==> flow/design.v <==
module sh_core_v2 #(
    parameter NBITS = 96,
    parameter SEL_W = $clog2(NBITS)
) (
    input logic clk_i,
    input logic rst_ni,
    input logic clk_en,
    input logic [NBITS-1:0] ch,
    input logic [SEL_W-1:0] shamt,
    output logic [NBITS-1:0] data_out
);
    always_ff @(posedge clk_i) begin
        if (~rst_ni) begin
            data_out <= 0;
        end else if (clk_en) begin
            data_out <= (ch << shamt) | (ch >> (NBITS - shamt));
        end
    end
endmodule
**Reports on sh_core_v2**

Tool output for the design above, in the order of the flow.
Lines are those of the file above, counted from 1.
Operators carry their Yosys type and port widths (W data, S select, Z words).
Library cell names are shortened.
Not given: -

- Top module: sh_core_v2
- Clock: clk_i
- Cell library: sky130hd
- Corner: tt_025C_1v80

**After elaboration**

Yosys after proc, flatten, opt, wreduce and memory -nomap, before mapping. Enables and synchronous resets that opt folds into registers are not counted as muxes. Memory bits, and registers merged into a memory's read port (data or address), are not among the register bits. Print and check cells are not counted. Equal cells are merged and count once.

- Add/sub/neg operators: 1
- Shift operators: 2
- Bitwise logic cells: 1

Operator list:

| cell | count |
|---|---|
| $shr A96 B32 Y96 | 1 |
| $shl A96 B7 Y96 | 1 |
| $or A96 B96 Y96 | 1 |
| $sub A7 B7 Y8 const A | 1 |

- Register bits after elaboration: 96
- Bits of input ports: 106
- Output and inout port bits: 96

**Longest topological paths**

Depth = most cells in a row (Yosys ltp): at word level without a register or memory, in the mapped netlist without a sequential cell, where the memories' decode and read muxes count.

- Word-level depth: 3
- ABC_AREA: 0
- Depth in mapped cells: 17

**Synthesis result**

Yosys stat after the flow's synthesis: flattened, memories mapped to cells. It holds for the ABC_AREA given above (unset counts as 0); a run with the other value may have another netlist.
The area totals of this step are shown rounded.

- Standard cells after synthesis: 1982
- Synthesis area: 18000 sq um
- Area of sequential cells: 1900 sq um
- Flip-flop cells: 96

Cells by type:

| cell | count | total area (sq um) |
|---|---|---|
| mux4_2 | 220 | 4.95E+03 |
| dfxtp_1 | 96 | 1.92E+03 |
| mux2i_1 | 147 | 1.47E+03 |
| mux2_2 | 116 | 1.31E+03 |
| o21ai_0 | 170 | 850.816 |
| nand2_1 | 187 | 701.923 |
| a21oi_1 | 128 | 640.614 |
| nor2_1 | 167 | 626.851 |
| clkbuf_1 | 113 | 424.157 |
| o221ai_1 | 44 | 385.37 |
| o22ai_1 | 55 | 344.08 |
| a211oi_1 | 42 | 315.302 |
| o221a_2 | 25 | 281.52 |
| nor3_1 | 52 | 260.25 |
| buf_2 | 50 | 250.24 |
| buf_6 | 20 | 225.216 |
| a22oi_1 | 25 | 187.68 |
| nand3_1 | 36 | 180.173 |

Other cell types: 64; their cells: 289.

**Path before layout**

Path of least setup slack by OpenSTA after synthesis, without wires, with an ideal clock, recovery checks aside; 20% of the period is set as input and as output delay. Where synthesis merged equal registers, the netlist keeps one of their names.

- Kind: in2reg
- Start point: in shamt[1]
- End point: reg data_out[34]
- Period: 5.21 ns
- Setup time: 0.122 ns
- Launch time at the first pin: 1.042 ns
- Arrival time: 4.255 ns
- Required time: 5.088 ns
- Setup slack: 0.832 ns
- Path delay: 3.335 ns
- Driving pins on the path: 15
- Buffers on the path: 7
- Synthesis period reached: 4.378 ns

"path delay" is the arrival time less input delay plus setup time.
"driving pins on the path": output pins that drive a net of the path, with the launching flip-flop's if there is one; two outputs of one cell count as two.
"synthesis period reached" is the clock period less the worst setup slack; recovery checks do not enter. This is arithmetic on one report: input and output delays are still those of the set period (20% each).
The rows between start and end are the longest chain of elaborated cells between them; the timing report does not say that the signal goes this way. Where chains are equally long, one stands for them.
A line is the first line of the expression or statement that the cell stems from. Yosys adds cells for indexed reads and writes and turns some case tables into memories.

- Cell sequence: buf_4 > buf_2 > buf_2 > buf_2 > inv_1 > ha_1 > buf_2 > buf_2 > clkbuf_1 > mux4_2 > mux4_2 > nand2_1 > o22ai_1 > o31ai_1 > a21oi_1
- Length of the longest elaborated chain: 3

Ends and longest elaborated chain, post-synthesis:

| element | RTL line | text |
|---|---|---|
| start: declaration | 9 | `input logic [SEL_W-1:0] shamt,` |
| $sub A7 B7 Y8 | 16 | `data_out <= (ch << shamt) \| (ch >> (NBITS - shamt));` |
| $shr A96 B32 Y96 | 16 |  |
| $or A96 B96 Y96 | 16 |  |
| end: assignment | 14 | `data_out <= 0;` |
| end: assignment | 16 |  |
| end: declaration | 10 | `output logic [NBITS-1:0] data_out` |

**Timing after layout**

Path of least setup slack in the final report of job 2 (OpenROAD, finished layout, wires in). Where an end is a register, its clock arrival counts in the times.

- Kind: in2reg
- Start point: in shamt[0]
- End point: reg data_out[28]
- Period: 5.21 ns
- Setup time: 0.08 ns
- Launch time at the first pin: 1.04 ns
- Arrival time: 4.92 ns
- Required time: 5.52 ns
- Setup slack: 0.59 ns
- Driving pins on the path: 11
- Buffers on the path: 2

The rows between start and end are the longest chain of elaborated cells between them; the timing report does not say that the signal goes this way. Where chains are equally long, one stands for them.

- Cell sequence: buf_8 > inv_1 > ha_4 > buf_4 > mux4_2 > o21ai_0 > a21oi_1 > a2bb2oi_1 > o21ai_0 > nand2_1 > a31oi_1
- Length of the longest elaborated chain: 3

Ends and longest elaborated chain, after layout:

| element | RTL line | text |
|---|---|---|
| start: declaration | 9 | `input logic [SEL_W-1:0] shamt,` |
| $sub A7 B7 Y8 | 16 | `data_out <= (ch << shamt) \| (ch >> (NBITS - shamt));` |
| $shr A96 B32 Y96 | 16 |  |
| $or A96 B96 Y96 | 16 |  |
| end: assignment | 14 | `data_out <= 0;` |
| end: assignment | 16 |  |
| end: declaration | 10 | `output logic [NBITS-1:0] data_out` |

## Implementation results

Settings and measured results of 3 stored flow runs for module sh_core_v2 (sky130hd), not sorted in any way. The constraints put input and output delay at 20% of the set period each and load the outputs with 0.01 pF.
"period achieved" = clock period - worst setup slack. The figure is calculated, with input and output delays left at 20% of the set period.
The results are shown rounded.
Settings: . = not set for that run.
Results: . = not shown.

| setting or result | job 1 | job 2 | job 3 |
|---|---|---|---|
| period_ns | 4.15 | 5.21 | 4.88 |
| CORE_UTILIZATION | 69 | 40 | 16 |
| SETUP_SLACK_MARGIN | -0.0 | . | . |
| PLACE_DENSITY_LB_ADDON | 0.23 | . | . |
| CORE_MARGIN | 4 | 2 | 2 |
| GPL_TIMING_DRIVEN | 0 | . | 0 |
| CTS_CLUSTER_DIAMETER | 296 | . | . |
| MIN_ROUTING_LAYER | met1 | . | met2 |
| MAX_ROUTING_LAYER | met4 | . | . |
| CAP_MARGIN | 20 | 20 | 10 |
| SLEW_MARGIN | 20 | 20 | 40 |
| CELL_PAD_IN_SITES_GLOBAL_PLACEMENT | . | . | 0 |
| CELL_PAD_IN_SITES_DETAIL_PLACEMENT | . | . | 1 |
| TNS_END_PERCENT | . | . | 15 |
| CTS_CLUSTER_SIZE | . | . | 13 |
| chip area after synthesis (Yosys) (sq um) | . | 18000 | 18000 |
| die outline area (sq um) | . | 46000 | 110000 |
| standard-cell area after layout (sq um) | . | 21000 | 23000 |
| utilization after layout (%) | . | 48 | 21 |
| lowest setup slack (ns) | . | 0.59 | -0.10 |
| setup total negative slack (ns) | . | 0.000 | -0.41 |
| lowest hold slack (ns) | . | 0.49 | 0.48 |
| period achieved (ns) | . | 4.618 | 4.980 |

Job 1: stopped before the end: routing reported GRT-0116
